==> flow/design.v <==
module cpu_sel_unit_top #(
  parameter BITS = 3,
  parameter LANES = 24,
  parameter LG = $clog2(LANES)
) (
  input  wire clk,
  input  wire srst,
  input  wire clk_en,
  input  wire [LANES*BITS-1:0] val,
  input  wire [LG-1:0] addr,
  output reg [BITS-1:0] res
);
  reg [BITS-1:0] cur;
  integer k;
  always @* begin
    cur = 0;
    for (k = 0; k < LANES; k = k + 1)
      if (addr == k) cur = val[k*BITS +: BITS];
  end
  always @(posedge clk) begin
    if (srst) begin
      res <= 0;
    end else if (clk_en) begin
      res <= cur;
    end
  end
endmodule
==> Tool chain data of cpu_sel_unit_top <==
What the tools print for cpu_sel_unit_top, step after step.
Line numbers count from 1 in the design file above.
Library cell names are shortened.
{ "inputs": {"top": "cpu_sel_unit_top", "clock_port": "clk", "cell_library": "sky130hd", "corner": "tt_025C_1v80"} }

==> Word level <==
Yosys after proc, flatten, opt, wreduce and memory -nomap, before mapping. Enables and synchronous resets that opt folds into registers are not counted as muxes. Memory bits, and registers merged into a memory's read port (data or address), are not among the register bits. Print and check cells are not counted. Equal cells are merged and count once.
{ "word_totals": {"clocked_rd_ports_x_width": 0, "ram_bits": 0, "elab_cells": 49, "out_inout_bits": 3, "mem_count": 0, "ff_bits": 3, "latch_bits": 0, "mem_bits_ro": 0, "input_bits": 80} }
{ "classes": {"add_sub_neg": 0, "n_reduce_logical": 1, "shifts": 0, "mux": 24, "equal": 23, "n_mul": 0, "n_logic": 0, "cmp": 0, "n_div": 0} }
{ "ops": {"columns": ["op", "count"], "rows": [
  ["two-way mux 3 bit", 24],
  ["== test 5 x 4 -> 1 bit (second input constant)", 8],
  ["== test 5 bit (second input constant)", 8],
  ["== test 5 x 3 -> 1 bit (second input constant)", 4],
  ["== test 5 x 2 -> 1 bit (second input constant)", 2],
  ["== test 5 x 1 -> 1 bit (second input constant)", 1],
  ["logical NOT 5 bit", 1]
]} }

==> Logic depth <==
Yosys ltp: most cells in a row. Word level: on the elaborated netlist, between registers, memories and ports. Mapped: between sequential cells and ports; inverters and the memories' decode and read muxes count.
{ "depth": {"ltp_word": 25, "ABC_AREA": 0, "ltp_mapped": 8} }

==> Netlist <==
Source: synth_stat.txt of the flow (Yosys; design flattened, memories mapped). It holds for the ABC_AREA given above (unset counts as 0); a run with the other value may have another netlist.
{ "synth_totals": {"stdcells": 153, "seqArea_um2": 60.1, "area_um2": 1126.1, "ff_cells": 3, "buffers": 14} }
{ "by_type": {"columns": ["cell", "count", "type_area_um2"], "rows": [
  ["mux2i_1", 11, 110.106],
  ["dfxtp_1", 3, 60.058],
  ["nor2b_1", 8, 50.048],
  ["a211oi_1", 6, 45.043],
  ["buf_6", 4, 45.043],
  ["mux2_2", 4, 45.043],
  ["o22ai_1", 7, 43.792],
  ["a21oi_1", 8, 40.038],
  ["nor3b_1", 5, 37.536],
  ["buf_2", 7, 35.034],
  ["nand2_1", 9, 33.782],
  ["nand2b_1", 5, 31.28],
  ["mux2_4", 2, 30.029],
  ["inv_1", 7, 26.275],
  ["nor2_1", 7, 26.275],
  ["o221ai_1", 3, 26.275],
  ["o32ai_1", 3, 26.275],
  ["a31oi_1", 4, 25.024]
]} }
Not listed: further types 35, cells in them 50.

==> Path before layout <==
Source: OpenSTA report_checks on the synthesized netlist (no wires, ideal clock, input and output delay 20% of the period each), path of least setup slack; recovery checks are left aside. Register names are those of the netlist, which keeps one name where synthesis merged equal registers.
{ "synth_path": {"path_type": "input to register", "from": "in addr[0]", "to": "reg res[0]", "setup_time_ns": 0.134, "delay_ns": 1.258, "path_stages": 6, "path_buffers": 1, "arrival_time_ns": 1.518, "setup_slack_ns": 0.318, "tclk_ns": 1.97, "required_time_ns": 1.836, "t_first_pin_ns": 0.394, "synth_period_reached_ns": 1.652} }
"delay_ns" is the arrival time less input delay plus setup time.
"path_stages" counts driving pins, that of a launching flip-flop among them; a cell with two outputs on the path counts twice.
"synth_period_reached_ns" is the clock period less the worst setup slack; recovery checks do not enter. This is arithmetic on one report: input and output delays are still those of the set period (20% each).
The rows between start and end are the longest chain of elaborated cells between them; the timing report does not say that the signal goes this way. Where chains are equally long, one stands for them.
Each line given opens the expression or statement behind the cell; cells for indexed reads and writes are added by Yosys, which also makes memories of some case tables.
{ "synth_via": {"path_cell_list": "buf_6 mux2_4 a221oi_2 a211oi_1 o41ai_1 a31oi_1", "elab_chain_cells": 25} }
{ "synth_rtl": {"columns": ["element", "line", "source"], "rows": [
  ["start, declared", 10, "input  wire [LG-1:0] addr,"],
  ["logical NOT 5 bit", 18, "if (addr == k) cur = val[k*BITS +: BITS];"],
  ["two-way mux 3 bit (24 in a row)", 18, null],
  ["end, assigned", 22, "res <= 0;"],
  ["end, assigned", 24, "res <= cur;"],
  ["end, declared", 11, "output reg [BITS-1:0] res"]
]} }

==> Timing after layout <==
From the final timing report of stored run 1: the path of least setup slack in the routed layout; clock arrival at registers is part of the times.
{ "layout_path": {"path_type": "input to register", "from": "in val[66]", "to": "reg res[0]", "tclk_ns": 1.18, "t_first_pin_ns": 0.24, "arrival_time_ns": 1.50, "path_buffers": 1, "setup_time_ns": 0.13, "path_stages": 6, "required_time_ns": 1.27, "setup_slack_ns": -0.23} }
The rows between start and end are the longest chain of elaborated cells between them; the timing report does not say that the signal goes this way. Where chains are equally long, one stands for them.
{ "layout_via": {"path_cell_list": "clkdlybuf4s50_1 mux2i_2 a21oi_4 a311oi_2 a211o_1 a31oi_1", "elab_chain_cells": 2} }
{ "layout_rtl": {"columns": ["element", "line", "source"], "rows": [
  ["start, declared", 9, "input  wire [LANES*BITS-1:0] val,"],
  ["two-way mux 3 bit (2 in a row)", 18, "if (addr == k) cur = val[k*BITS +: BITS];"],
  ["end, assigned", 22, "res <= 0;"],
  ["end, assigned", 24, "res <= cur;"],
  ["end, declared", 11, "output reg [BITS-1:0] res"]
]} }

==> runs of cpu_sel_unit_top <==
Design cpu_sel_unit_top on sky130hd. What follows are 3 stored runs of the flow, each under its own settings; their order means nothing. The constraints put input and output delay at 20% of the set period each and load the outputs with 0.01 pF.
By "timing.achieved_period_ns" is meant the clock period of the run minus its worst setup slack. This is arithmetic on one report: input and output delays are still those of the set period (20% each).
"worst_path_allowed_less_slack_ns" is the time allowed to the run's worst setup path (the clock period less input and output delay, where it has them) less its slack. Clock arrival times count: a late capture clock shortens it, a late launch clock lengthens it.
By "final_power_uw" is meant OpenSTA's value without simulated activity: inputs other than the clock are taken to toggle once in ten clock periods, and the tool carries that through the logic.
[
  {
    "run": "stored run 1",
    "settings": { "period_ns": 1.18, "CORE_UTILIZATION": 15, "PLACE_DENSITY_LB_ADDON": 0.09, "CORE_MARGIN": 9, "CELL_PAD_IN_SITES_GLOBAL_PLACEMENT": 1, "TNS_END_PERCENT": 35, "GPL_TIMING_DRIVEN": 1, "CTS_CLUSTER_SIZE": 44, "SLEW_MARGIN": 25, "MAX_ROUTING_LAYER": "met5", "CAP_MARGIN": 20 },
    "results": { "synthesis_area_um2": 1126.1, "die_footprint_um2": 10950.6, "finalCellArea_um2": 2891.5, "fin_util_pct": 39.9, "timing.setup.ws_ns": -0.231, "final_setup_tns_ns": -0.641, "hold_worst_slack_ns": 0.653, "final_power_uw": 1367, "timing.achieved_period_ns": 1.411, "worst_path_allowed_less_slack_ns": 1.18, "worstPathKind": "input to register" }
  },
  {
    "run": "stored run 2",
    "settings": { "period_ns": 2.07, "CORE_UTILIZATION": 21, "SETUP_SLACK_MARGIN": -0.13, "PLACE_DENSITY_LB_ADDON": 0.05, "CELL_PAD_IN_SITES_GLOBAL_PLACEMENT": 1, "TNS_END_PERCENT": 5, "ABC_AREA": 1, "GPL_TIMING_DRIVEN": 0, "GPL_ROUTABILITY_DRIVEN": 0, "CTS_CLUSTER_DIAMETER": 371, "SLEW_MARGIN": 15, "CAP_MARGIN": 20, "CORE_MARGIN": 2 },
    "results": { "synthesis_area_um2": 952.2, "die_footprint_um2": 5088.7, "finalCellArea_um2": 1989.4, "fin_util_pct": 45.7, "timing.setup.ws_ns": 0.072, "final_setup_tns_ns": 0.000, "hold_worst_slack_ns": 0.459, "final_power_uw": 530.9, "timing.achieved_period_ns": 1.998, "worst_path_allowed_less_slack_ns": 1.58, "worstPathKind": "input to register" }
  },
  {
    "run": "stored run 3",
    "settings": { "period_ns": 1.97, "CAP_MARGIN": 20, "CORE_MARGIN": 2, "CORE_UTILIZATION": 40, "SLEW_MARGIN": 20 },
    "results": { "synthesis_area_um2": 1126.1, "die_footprint_um2": 3255.8, "finalCellArea_um2": 2180.8, "fin_util_pct": 80.5, "timing.setup.ws_ns": 0.074, "final_setup_tns_ns": 0.000, "hold_worst_slack_ns": 0.667, "final_power_uw": 603.8, "timing.achieved_period_ns": 1.896, "worst_path_allowed_less_slack_ns": 1.50, "worstPathKind": "input to register" }
  }
]
